==> flow/design.v <==
module core_mag_cmp_rtl #(
  parameter WIDTH = 18
) (
  input clk_i,
  input i_rst_n,
  input [WIDTH-1:0] rs1_in,
  input [WIDTH-1:0] rs2_in,
  output reg a_gt_b_out,
  output reg lt_out
);
  reg g;
  reg l;
  integer n;
  always @* begin
    g = 1'b0;
    l = 1'b0;
    for (n = WIDTH-1; n >= 0; n = n - 1) begin
      if (!g && !l) begin
        g = rs1_in[n] & ~rs2_in[n];
        l = ~rs1_in[n] & rs2_in[n];
      end
    end
  end
  always @(posedge clk_i or negedge i_rst_n) begin
    if (!i_rst_n) begin
      a_gt_b_out <= 1'b0;
      lt_out <= 1'b0;
    end else begin
      a_gt_b_out <= g;
      lt_out <= l;
    end
  end
endmodule
---- Tool chain data of core_mag_cmp_rtl ----
Tool output for the design above, in the order of the flow.
Lines are those of the file above, counted from 1.
Not given: n/a
set-up
  top ..................................... core_mag_cmp_rtl
  clock port .............................. clk_i
  standard-cell library ................... sky130hd
  timing corner ........................... tt_025C_1v80

---- After elaboration ----
Yosys after proc, flatten, opt, wreduce and memory -nomap, before mapping. Enables and synchronous resets that opt folds into registers are not counted as muxes. Memory bits, and registers merged into a memory's read port (data or address), are not among the register bits. Print and check cells are not counted. Equal cells are merged and count once.
word-level totals
  input port bits ......................... 38
  flip-flop bits (word level) ............. 2
  elaborated cells ........................ 159
operators by class
  bitwise logic cells ..................... 72
  mux-type cells .......................... 34
  reduce/logical cells .................... 51
operators by type and width
  cell               count
  1-bit bitwise AND  36
  1-bit inverter     36
  1-bit logical NOT  34
  1-bit two-way mux  34
  1-bit logical AND  17

---- Depth ----
Yosys ltp: most cells in a row. Word level: on the elaborated netlist, between registers, memories and ports. Mapped: between sequential cells and ports; inverters and the memories' decode and read muxes count.
depth
  word-level depth ........................ 53
  ABC_AREA ................................ 0
  gate-level depth with buffers ........... 8
  mapped depth without buffers ............ 8

---- Mapped cells and area ----
The flow's flattened synthesis, as Yosys stat reports it; memories are mapped. The netlist is that of the ABC_AREA named above (0 if unset); the other value can give another one.
cell types
  type                       count  total area (sq um)
  sky130_fd_sc_hd__maj3_1    9      90.086
  sky130_fd_sc_hd__maj3_2    6      67.565
  sky130_fd_sc_hd__dfrtp_1   2      50.048
  sky130_fd_sc_hd__nor2b_1   8      50.048
  sky130_fd_sc_hd__inv_1     13     48.797
  sky130_fd_sc_hd__nand2b_1  7      43.792
  sky130_fd_sc_hd__o21ai_0   6      30.029
  sky130_fd_sc_hd__ha_1      2      25.024
  sky130_fd_sc_hd__a21oi_1   3      15.014
  sky130_fd_sc_hd__nor2b_4   1      13.763
  sky130_fd_sc_hd__o221a_1   1      11.261
  sky130_fd_sc_hd__a221o_1   1      10.01
  sky130_fd_sc_hd__mux2i_1   1      10.01
  sky130_fd_sc_hd__a221oi_1  1      8.758
  sky130_fd_sc_hd__a311oi_1  1      8.758
  sky130_fd_sc_hd__or2b_2    1      8.758
  sky130_fd_sc_hd__a211oi_1  1      7.507
  sky130_fd_sc_hd__a21o_1    1      7.507
Not listed: further types 11, cells in them 13.
synthesis totals
  sequential part of the area ............. 50.0 sq um
  cells in the netlist .................... 78
  mapped flip-flops ....................... 2
  cell area after synthesis ............... 579.3 sq um

---- Path before layout ----
Source: OpenSTA report_checks on the synthesized netlist (no wires, ideal clock, input and output delay 20% of the period each), path of least setup slack; recovery checks are left aside. Register names are those of the netlist, which keeps one name where synthesis merged equal registers.
path post-synthesis
  path kind ............................... input to register
  from .................................... in rs2_in[4]
  to ...................................... reg lt_out
  time at the first pin ................... 456 ps
  data arrival time ....................... 1787 ps
  driving pins on the path ................ 6
  path delay .............................. 1458 ps
  period .................................. 2280 ps
  input delay ............................. 456 ps
  slack ................................... 365 ps
  path buffers ............................ 0
  synthesis period reached ................ 1915 ps
"path delay" = arrival - input delay + setup time.
"driving pins on the path": output pins that drive a net of the path, with the launching flip-flop's if there is one; two outputs of one cell count as two.
"synthesis period reached" is the clock period less the worst setup slack; recovery checks do not enter. This is arithmetic on one report: input and output delays are still those of the set period (20% each).
The rows between start and end are the longest chain of elaborated cells between them; the timing report does not say that the signal goes this way. Where chains are equally long, one stands for them.
A line is the first line of the expression or statement that the cell stems from. Yosys adds cells for indexed reads and writes and turns some case tables into memories.
on the way, post-synthesis
  cell sequence ........................... sky130_fd_sc_hd__nor2b_4 -> sky130_fd_sc_hd__maj3_2 -> sky130_fd_sc_hd__maj3_2 -> sky130_fd_sc_hd__maj3_2 -> sky130_fd_sc_hd__a311oi_1 -> sky130_fd_sc_hd__o31ai_1
  length of the longest elaborated chain .. 15
RTL lines, path post-synthesis
  item               RTL line  source
  from (decl)        7         input [WIDTH-1:0] rs2_in,
  1-bit inverter     19        g = rs1_in[n] & ~rs2_in[n];
  1-bit bitwise AND  19
  1-bit two-way mux  18        if (!g && !l) begin
  1-bit logical NOT  18
  1-bit logical AND  18
  1-bit two-way mux  18
  1-bit logical NOT  18
  1-bit logical AND  18
  1-bit two-way mux  18
  1-bit logical NOT  18
  1-bit logical AND  18
  1-bit two-way mux  18
  1-bit logical NOT  18
  1-bit logical AND  18
  1-bit two-way mux  18
  to (assign)        27        lt_out <= 1'b0;
  to (assign)        30        lt_out <= l;
  to (decl)          9         output reg lt_out

---- Timing after layout ----
From the final timing report of stored run 1: the path of least setup slack in the routed layout; clock arrival at registers is part of the times.
The path's times are printed in steps of 10 ps; the period is the one set.
path after layout
  path kind ............................... input to register
  from .................................... in rs2_in[4]
  to ...................................... reg a_gt_b_out
  path buffers ............................ 1
  period .................................. 1950 ps
  data arrival time ....................... 2040 ps
  input delay ............................. 390 ps
  slack ................................... 70 ps
  driving pins on the path ................ 7
  time at the first pin ................... 390 ps
The rows between start and end are the longest chain of elaborated cells between them; the timing report does not say that the signal goes this way. Where chains are equally long, one stands for them.
on the way, after layout
  cell sequence ........................... sky130_fd_sc_hd__dlygate4sd2_1 -> sky130_fd_sc_hd__nor2b_4 -> sky130_fd_sc_hd__maj3_2 -> sky130_fd_sc_hd__maj3_2 -> sky130_fd_sc_hd__maj3_2 -> sky130_fd_sc_hd__o221a_1 -> sky130_fd_sc_hd__o21ai_1
  length of the longest elaborated chain .. 15
RTL lines, path after layout
  item               RTL line  source
  from (decl)        7         input [WIDTH-1:0] rs2_in,
  1-bit inverter     19        g = rs1_in[n] & ~rs2_in[n];
  1-bit bitwise AND  19
  1-bit two-way mux  18        if (!g && !l) begin
  1-bit logical NOT  18
  1-bit logical AND  18
  1-bit two-way mux  18
  1-bit logical NOT  18
  1-bit logical AND  18
  1-bit two-way mux  18
  1-bit logical NOT  18
  1-bit logical AND  18
  1-bit two-way mux  18
  1-bit logical NOT  18
  1-bit logical AND  18
  1-bit two-way mux  18
  to (assign)        26        a_gt_b_out <= 1'b0;
  to (assign)        29        a_gt_b_out <= g;
  to (decl)          8         output reg a_gt_b_out,

Wiki page: core_mag_cmp_rtl / flow data

Record of 3 stored runs of the RTL-to-layout flow on core_mag_cmp_rtl, platform sky130hd. The runs are unordered. Constraints: input delay and output delay 20% of the set period each, output load 0.01 pF.
"achieved period" means the clock period less the worst setup slack. The figure is calculated, with input and output delays left at 20% of the set period.
"power consumption" is the tool's figure for a default switching activity; nothing was simulated.

======== stored run 1 ========
==> flow/run.sh <==
#!/bin/bash
# the make line also repeats the synthesis and layout settings of config.mk as NAME=value (left out here)
make -C /OpenROAD-flow-scripts/flow DESIGN_CONFIG=/design/flow/config.mk WORK_HOME=/design/flow/orfs CLKGATE_MAP_FILE= finish
==> flow/config.mk <==
export PLATFORM = sky130hd
export DESIGN_NAME = core_mag_cmp_rtl
export DESIGN_NICKNAME = core_mag_cmp_rtl
export VERILOG_FILES = /design/flow/design.v
export SDC_FILE = /design/flow/constraint.sdc
export NUM_CORES = 4
export LEC_CHECK = 0
export CAP_MARGIN = 25
export CORE_MARGIN = 10
export CORE_UTILIZATION = 18
export CTS_CLUSTER_DIAMETER = 142
export CTS_CLUSTER_SIZE = 68
export PLACE_DENSITY = 0.4
export SLEW_MARGIN = 20
export TNS_END_PERCENT = 55
==> flow/constraint.sdc <==
create_clock -name core_clock -period 1.95 [get_ports {clk_i}]
set_input_delay 0.3900 -clock core_clock [delete_from_list [all_inputs] [get_ports {clk_i}]]
set_output_delay 0.3900 -clock core_clock [all_outputs]
set_load 0.01 [all_outputs]

-------- measured, stored run 1 --------
  total die area .......................... 5887.5 sq um
  achieved period ......................... 1879 ps
  total negative slack on setup checks .... 0 ps
  utilization in the final report ......... 37.1 %
  standard-cell area after layout ......... 1142.3 sq um
  setup slack of the worst path ........... 71 ps
  post-synthesis cell area ................ 579.3 sq um
  power consumption ....................... 0.3802 mW

======== stored run 2 ========
==> flow/run.sh <==
#!/bin/bash
# the make line also repeats the synthesis and layout settings of config.mk as NAME=value (left out here)
make -C /OpenROAD-flow-scripts/flow DESIGN_CONFIG=/design/flow/config.mk WORK_HOME=/design/flow/orfs CLKGATE_MAP_FILE= finish
==> flow/config.mk <==
export PLATFORM = sky130hd
export DESIGN_NAME = core_mag_cmp_rtl
export DESIGN_NICKNAME = core_mag_cmp_rtl
export VERILOG_FILES = /design/flow/design.v
export SDC_FILE = /design/flow/constraint.sdc
export NUM_CORES = 4
export LEC_CHECK = 0
export CAP_MARGIN = 10
export CELL_PAD_IN_SITES_GLOBAL_PLACEMENT = 1
export CORE_MARGIN = 7
export CORE_UTILIZATION = 63
export GPL_ROUTABILITY_DRIVEN = 1
export GPL_TIMING_DRIVEN = 1
export MAX_ROUTING_LAYER = met4
export SLEW_MARGIN = 10
export TNS_END_PERCENT = 20
==> flow/constraint.sdc <==
create_clock -name core_clock -period 1.61 [get_ports {clk_i}]
set_input_delay 0.3220 -clock core_clock [delete_from_list [all_inputs] [get_ports {clk_i}]]
set_output_delay 0.3220 -clock core_clock [all_outputs]
set_load 0.01 [all_outputs]

-------- stored run 2 --------
  stopped before the end: floorplanning reported PDN-0185

======== stored run 3 ========
==> flow/run.sh <==
#!/bin/bash
# the make line also repeats the synthesis and layout settings of config.mk as NAME=value (left out here)
make -C /OpenROAD-flow-scripts/flow DESIGN_CONFIG=/design/flow/config.mk WORK_HOME=/design/flow/orfs CLKGATE_MAP_FILE= finish
==> flow/config.mk <==
export PLATFORM = sky130hd
export DESIGN_NAME = core_mag_cmp_rtl
export DESIGN_NICKNAME = core_mag_cmp_rtl
export VERILOG_FILES = /design/flow/design.v
export SDC_FILE = /design/flow/constraint.sdc
export NUM_CORES = 4
export LEC_CHECK = 0
export CAP_MARGIN = 20
export CORE_MARGIN = 2
export CORE_UTILIZATION = 40
export SLEW_MARGIN = 20
==> flow/constraint.sdc <==
create_clock -name core_clock -period 2.28 [get_ports {clk_i}]
set_input_delay 0.4560 -clock core_clock [delete_from_list [all_inputs] [get_ports {clk_i}]]
set_output_delay 0.4560 -clock core_clock [all_outputs]
set_load 0.01 [all_outputs]

-------- measured, stored run 3 --------
  total die area .......................... 1768.6 sq um
  achieved period ......................... 2197 ps
  total negative slack on setup checks .... 0 ps
  utilization in the final report ......... 77.5 %
  standard-cell area after layout ......... 1033.5 sq um
  setup slack of the worst path ........... 83 ps
  post-synthesis cell area ................ 579.3 sq um
  power consumption ....................... 0.3061 mW
